==> flow/design.v <==
module my_diff_unit_p #(
    parameter DW = 8
) (
    input logic clk,
    input logic enable,
    input logic [DW-1:0] in_arg0,
    input logic [DW-1:0] in_arg1,
    output logic [DW-1:0] out_d,
    output logic out_bout
);
    logic [DW-1:0] arg0_q;
    always_ff @(posedge clk) begin
        if (enable) begin
            arg0_q <= in_arg0;
        end
    end
    logic [DW-1:0] arg1_q;
    always_ff @(posedge clk) begin
        if (enable) begin
            arg1_q <= in_arg1;
        end
    end
    localparam LW = DW / 2;
    logic [LW:0] l_q;
    always_ff @(posedge clk) begin
        if (enable) begin
            l_q <= arg0_q[LW-1:0] - arg1_q[LW-1:0];
        end
    end
    logic [DW-LW-1:0] arg0_hi_q;
    always_ff @(posedge clk) begin
        if (enable) begin
            arg0_hi_q <= arg0_q[DW-1:LW];
        end
    end
    logic [DW-LW-1:0] arg1_hi_q;
    always_ff @(posedge clk) begin
        if (enable) begin
            arg1_hi_q <= arg1_q[DW-1:LW];
        end
    end
    logic [DW-LW:0] high;
    assign high = arg0_hi_q - arg1_hi_q - l_q[LW];
    always_ff @(posedge clk) begin
        if (enable) begin
            out_d <= {high[DW-LW-1:0], l_q[LW-1:0]};
        end
    end
    always_ff @(posedge clk) begin
        if (enable) begin
            out_bout <= high[DW-LW];
        end
    end
endmodule
## Step by step through the tools: my_diff_unit_p

Tool output for the members of one design family, told apart by "DW", in the order of the flow.
The file above is the member DW 8. Line numbers count from 1 in each member's own file.
Operators carry their Yosys type and port widths (W data, S select, Z words).
Library cell names are shortened.
A cell with -- has no value.

| set-up | value |
|---|---|
| top | my_diff_unit_p |
| clock port | clk |
| library | sky130hd |
| library corner | tt_025C_1v80 |

## Members of the sweep

New or changed lines of each further member against the RTL above, in its own file; lines it lacks are not shown.

New or changed lines:

| DW | RTL line | RTL |
|---|---|---|
| 16 | 2 | `parameter DW = 16` |
| 18 | 2 | `parameter DW = 18` |
| 64 | 2 | `parameter DW = 64` |
| 72 | 2 | `parameter DW = 72` |

## Elaborated design

Yosys after proc, flatten, opt, wreduce and memory -nomap, before mapping. Enables and synchronous resets that opt folds into registers are not counted as muxes. Memory bits, and registers merged into a memory's read port (data or address), are not among the register bits. Print and check cells are not counted. Equal cells are merged and count once.

Storage and ports:

| DW | register bits after elaboration | input bits | output and inout bits | word-level cells |
|---|---|---|---|---|
| 8 | 38 | 18 | 9 | 10 |
| 16 | 74 | 34 | 17 | 10 |
| 18 | 83 | 38 | 19 | 10 |
| 64 | 290 | 130 | 65 | 10 |
| 72 | 326 | 146 | 73 | 10 |

Operators by class:

| DW | $add $sub $neg |
|---|---|
| 8 | 3 |
| 16 | 3 |
| 18 | 3 |
| 64 | 3 |
| 72 | 3 |

Operators with widths:

| DW | kinds with counts |
|---|---|
| 8 | $sub A4 B4 Y5 (2); $sub A5 B1 Y5 (1) |
| 16 | $sub A8 B8 Y9 (2); $sub A9 B1 Y9 (1) |
| 18 | $sub A9 B9 Y10 (2); $sub A10 B1 Y10 (1) |
| 64 | $sub A32 B32 Y33 (2); $sub A33 B1 Y33 (1) |
| 72 | $sub A36 B36 Y37 (2); $sub A37 B1 Y37 (1) |

## Depth

Depth = most cells in a row (Yosys ltp): at word level without a register or memory, in the mapped netlist without a sequential cell, where the memories' decode and read muxes count.

Depth:

| DW | depth in word-level cells | ABC_AREA | mapped depth |
|---|---|---|---|
| 8 | 2 | 0 | 7 |
| 16 | 2 | 0 | 8 |
| 18 | 2 | 0 | 9 |
| 64 | 2 | 0 | 12 |
| 72 | 2 | 0 | 14 |

## Netlist

The flow's flattened synthesis, as Yosys stat reports it; memories are mapped. The netlist is that of the ABC_AREA named above (0 if unset); the other value can give another one.
Totals and module areas in this step are rounded.

Mapped netlist:

| DW | mapped cells | synthesis area (um^2) | flip-flops |
|---|---|---|---|
| 8 | 82 | 1500 | 38 |
| 16 | 200 | 3100 | 74 |
| 18 | 212 | 3400 | 83 |
| 64 | 965 | 13000 | 290 |
| 72 | 1045 | 15000 | 326 |

Cell types:

| DW | type and count |
|---|---|
| 8 | edfxtp_1 (38); ha_1 (10); fa_1 (3); inv_1 (16); xor2_1 (5); a21oi_1 (2); a21o_2 (1); a21oi_2 (1); xnor2_1 (1); nand3b_1 (1); nand2b_1 (1); o21ai_0 (1); o21ai_1 (1); nand2_1 (1) |
| 16 | edfxtp_1 (74); ha_1 (22); inv_1 (36); xnor2_1 (7); fa_1 (3); a21oi_1 (7); nor2_1 (7); xor2_1 (3); nand3_1 (5); a21o_1 (3); o211ai_1 (3); nand2b_1 (3); nor2b_1 (3); o21ai_1 (3); a31oi_1 (2); nand2_1 (3); a311o_1 (1); mux2i_1 (1); [+14] |
| 18 | edfxtp_1 (83); ha_1 (23); inv_1 (38); xnor2_1 (7); fa_1 (3); xor2_1 (5); a21oi_1 (7); nand2_1 (8); o21a_1 (4); a21o_1 (3); a31oi_1 (3); nor2_1 (5); a21oi_2 (2); o2111ai_1 (2); o31a_1 (2); o21ai_0 (3); nand4_1 (2); nor2b_1 (2); [+10] |
| 64 | edfxtp_1 (290); ha_1 (94); inv_1 (139); xnor2_1 (38); a21oi_1 (63); a21o_1 (30); xor2_1 (19); nand2_1 (39); o21ai_0 (25); nor2_1 (32); nand3_1 (16); clkbuf_1 (21); o21a_1 (10); nand4_1 (11); a31oi_1 (10); a211oi_1 (8); fa_1 (3); o211ai_1 (8); [+109] |
| 72 | edfxtp_1 (326); ha_1 (106); inv_1 (164); xnor2_1 (37); a21oi_1 (53); a21o_1 (35); xor2_1 (23); nor2_1 (42); o21ai_0 (26); nand2_1 (34); o21bai_1 (12); a31oi_1 (13); o21a_1 (9); nand3_1 (13); fa_1 (3); and3_1 (9); nor3_1 (10); a221oi_2 (3); [+127] |

The mark [+n] counts cells that are not listed.

## Timing after synthesis

Path of least setup slack by OpenSTA after synthesis, without wires, with an ideal clock, recovery checks aside; 20% of the period is set as input and as output delay. Where synthesis merged equal registers, the netlist keeps one of their names.

Path after synthesis:

| DW | path type | from | to | clock period (ps) | setup slack (ps) | stages on the path | path delay (ps) | synthesis period reached (ps) |
|---|---|---|---|---|---|---|---|---|
| 8 | register to register | reg arg0_hi_q[0] | reg out_bout | 2270 | 456 | 6 | 1814 | 1814 |
| 16 | register to register | reg arg0_hi_q[0] | reg out_d[15] | 2410 | 481 | 8 | 1929 | 1929 |
| 18 | register to register | reg arg0_hi_q[0] | reg out_d[17] | 2480 | 500 | 9 | 1980 | 1980 |
| 64 | register to register | reg arg0_hi_q[0] | reg out_d[61] | 3400 | 683 | 10 | 2717 | 2717 |
| 72 | register to register | reg arg0_hi_q[0] | reg out_d[56] | 4200 | 842 | 14 | 3359 | 3358 |

"path delay" is the arrival time less input delay plus setup time.
"stages on the path" counts driving pins, that of a launching flip-flop among them; a cell with two outputs on the path counts twice.
"synthesis period reached" is the clock period less the worst setup slack; recovery checks do not enter. This is arithmetic on one report: input and output delays are still those of the set period (20% each).
The rows between start and end are the longest chain of elaborated cells between them; the timing report does not say that the signal goes this way. Where chains are equally long, one stands for them.
A line is the first line of the expression or statement that the cell stems from. Yosys adds cells for indexed reads and writes and turns some case tables into memories.

| on the way, after synthesis, DW 8 | value |
|---|---|
| length of the longest elaborated chain | 2 |

RTL lines, path after synthesis, DW 8:

| what | RTL line | RTL |
|---|---|---|
| start, declared | 30 | `logic [DW-LW-1:0] arg0_hi_q;` |
| start, assigned | 33 | `arg0_hi_q <= arg0_q[DW-1:LW];` |
| $sub A4 B4 Y5 | 43 | `assign high = arg0_hi_q - arg1_hi_q - l_q[LW];` |
| $sub A5 B1 Y5 | 43 |  |
| end, assigned | 51 | `out_bout <= high[DW-LW];` |
| end, declared | 9 | `output logic out_bout` |

| on the way, after synthesis, DW 72 | value |
|---|---|
| length of the longest elaborated chain | 2 |

RTL lines, path after synthesis, DW 72:

| what | RTL line | RTL |
|---|---|---|
| start, declared | 30 | `logic [DW-LW-1:0] arg0_hi_q;` |
| start, assigned | 33 | `arg0_hi_q <= arg0_q[DW-1:LW];` |
| $sub A36 B36 Y37 | 43 | `assign high = arg0_hi_q - arg1_hi_q - l_q[LW];` |
| $sub A37 B1 Y37 | 43 |  |
| end, assigned | 46 | `out_d <= {high[DW-LW-1:0], l_q[LW-1:0]};` |
| end, declared | 8 | `output logic [DW-1:0] out_d,` |

## Path in the finished layout

Path of least setup slack in the final report of each member's run (OpenROAD, finished layout, wires in). Where an end is a register, its clock arrival counts in the times.
The path's times are printed in steps of 10 ps; the period is the one set.

Path after layout:

| DW | path type | from | to | clock period (ps) | setup slack (ps) | stages on the path | arrival time (ps) | buffers on the path |
|---|---|---|---|---|---|---|---|---|
| 8 | register to register | reg arg0_hi_q[0] | reg out_bout | 2270 | 370 | 6 | 1930 | 0 |
| 16 | register to register | reg arg0_hi_q[0] | reg out_bout | 2410 | 340 | 8 | 2170 | 0 |
| 18 | register to register | reg l_q[9] | reg out_d[17] | 2480 | 370 | 10 | 2320 | 0 |
| 64 | register to register | reg l_q[32] | reg out_d[61] | 3400 | 350 | 11 | 3320 | 0 |
| 72 | register to register | reg arg0_hi_q[0] | reg out_d[68] | 4200 | 370 | 14 | 4090 | 0 |

## Layout results

Settings and results of one run of the flow (Yosys, OpenROAD) for each member follow. The constraints put input and output delay at 20% of the set period each and load the outputs with 0.01 pF.

| flow settings | value |
|---|---|
| CAP_MARGIN | 20 |
| CORE_MARGIN | 2 |
| CORE_UTILIZATION | 40 |
| SLEW_MARGIN | 20 |

Settings that differ:

| DW | period_ns |
|---|---|
| 8 | 2.27 |
| 16 | 2.41 |
| 18 | 2.48 |
| 64 | 3.4 |
| 72 | 4.2 |

Measured results:

| DW | post-synthesis cell area (um^2) | area of the die (um^2) | standard-cell area of the final layout (um^2) | post-layout utilization (%) | setup slack of the critical path (ps) | sum of negative setup slack (ps) | worst-case hold slack (ps) | total power of the final layout (uW) | achieved period (ps) |
|---|---|---|---|---|---|---|---|---|---|
| 8 | 1500 | 4200 | 1900 | 52 | 370 | 0 | 420 | 1500 | 1897 |
| 16 | 3100 | 8500 | 3900 | 51 | 340 | 0 | 410 | 3000 | 2074 |
| 18 | 3400 | 9300 | 4300 | 53 | 370 | 0 | 420 | 3300 | 2111 |
| 64 | 13000 | 34000 | 17000 | 52 | 350 | 0 | 410 | 10000 | 3054 |
| 72 | 15000 | 38000 | 19000 | 51 | 370 | 0 | 410 | 9200 | 3831 |

By "achieved period" is meant the clock period of the run minus its worst setup slack. This is arithmetic on one report: input and output delays are still those of the set period (20% each).
By "total power of the final layout" is meant OpenSTA's value without simulated activity: inputs other than the clock are taken to toggle once in ten clock periods, and the tool carries that through the logic.
Values from the reports are rounded here.
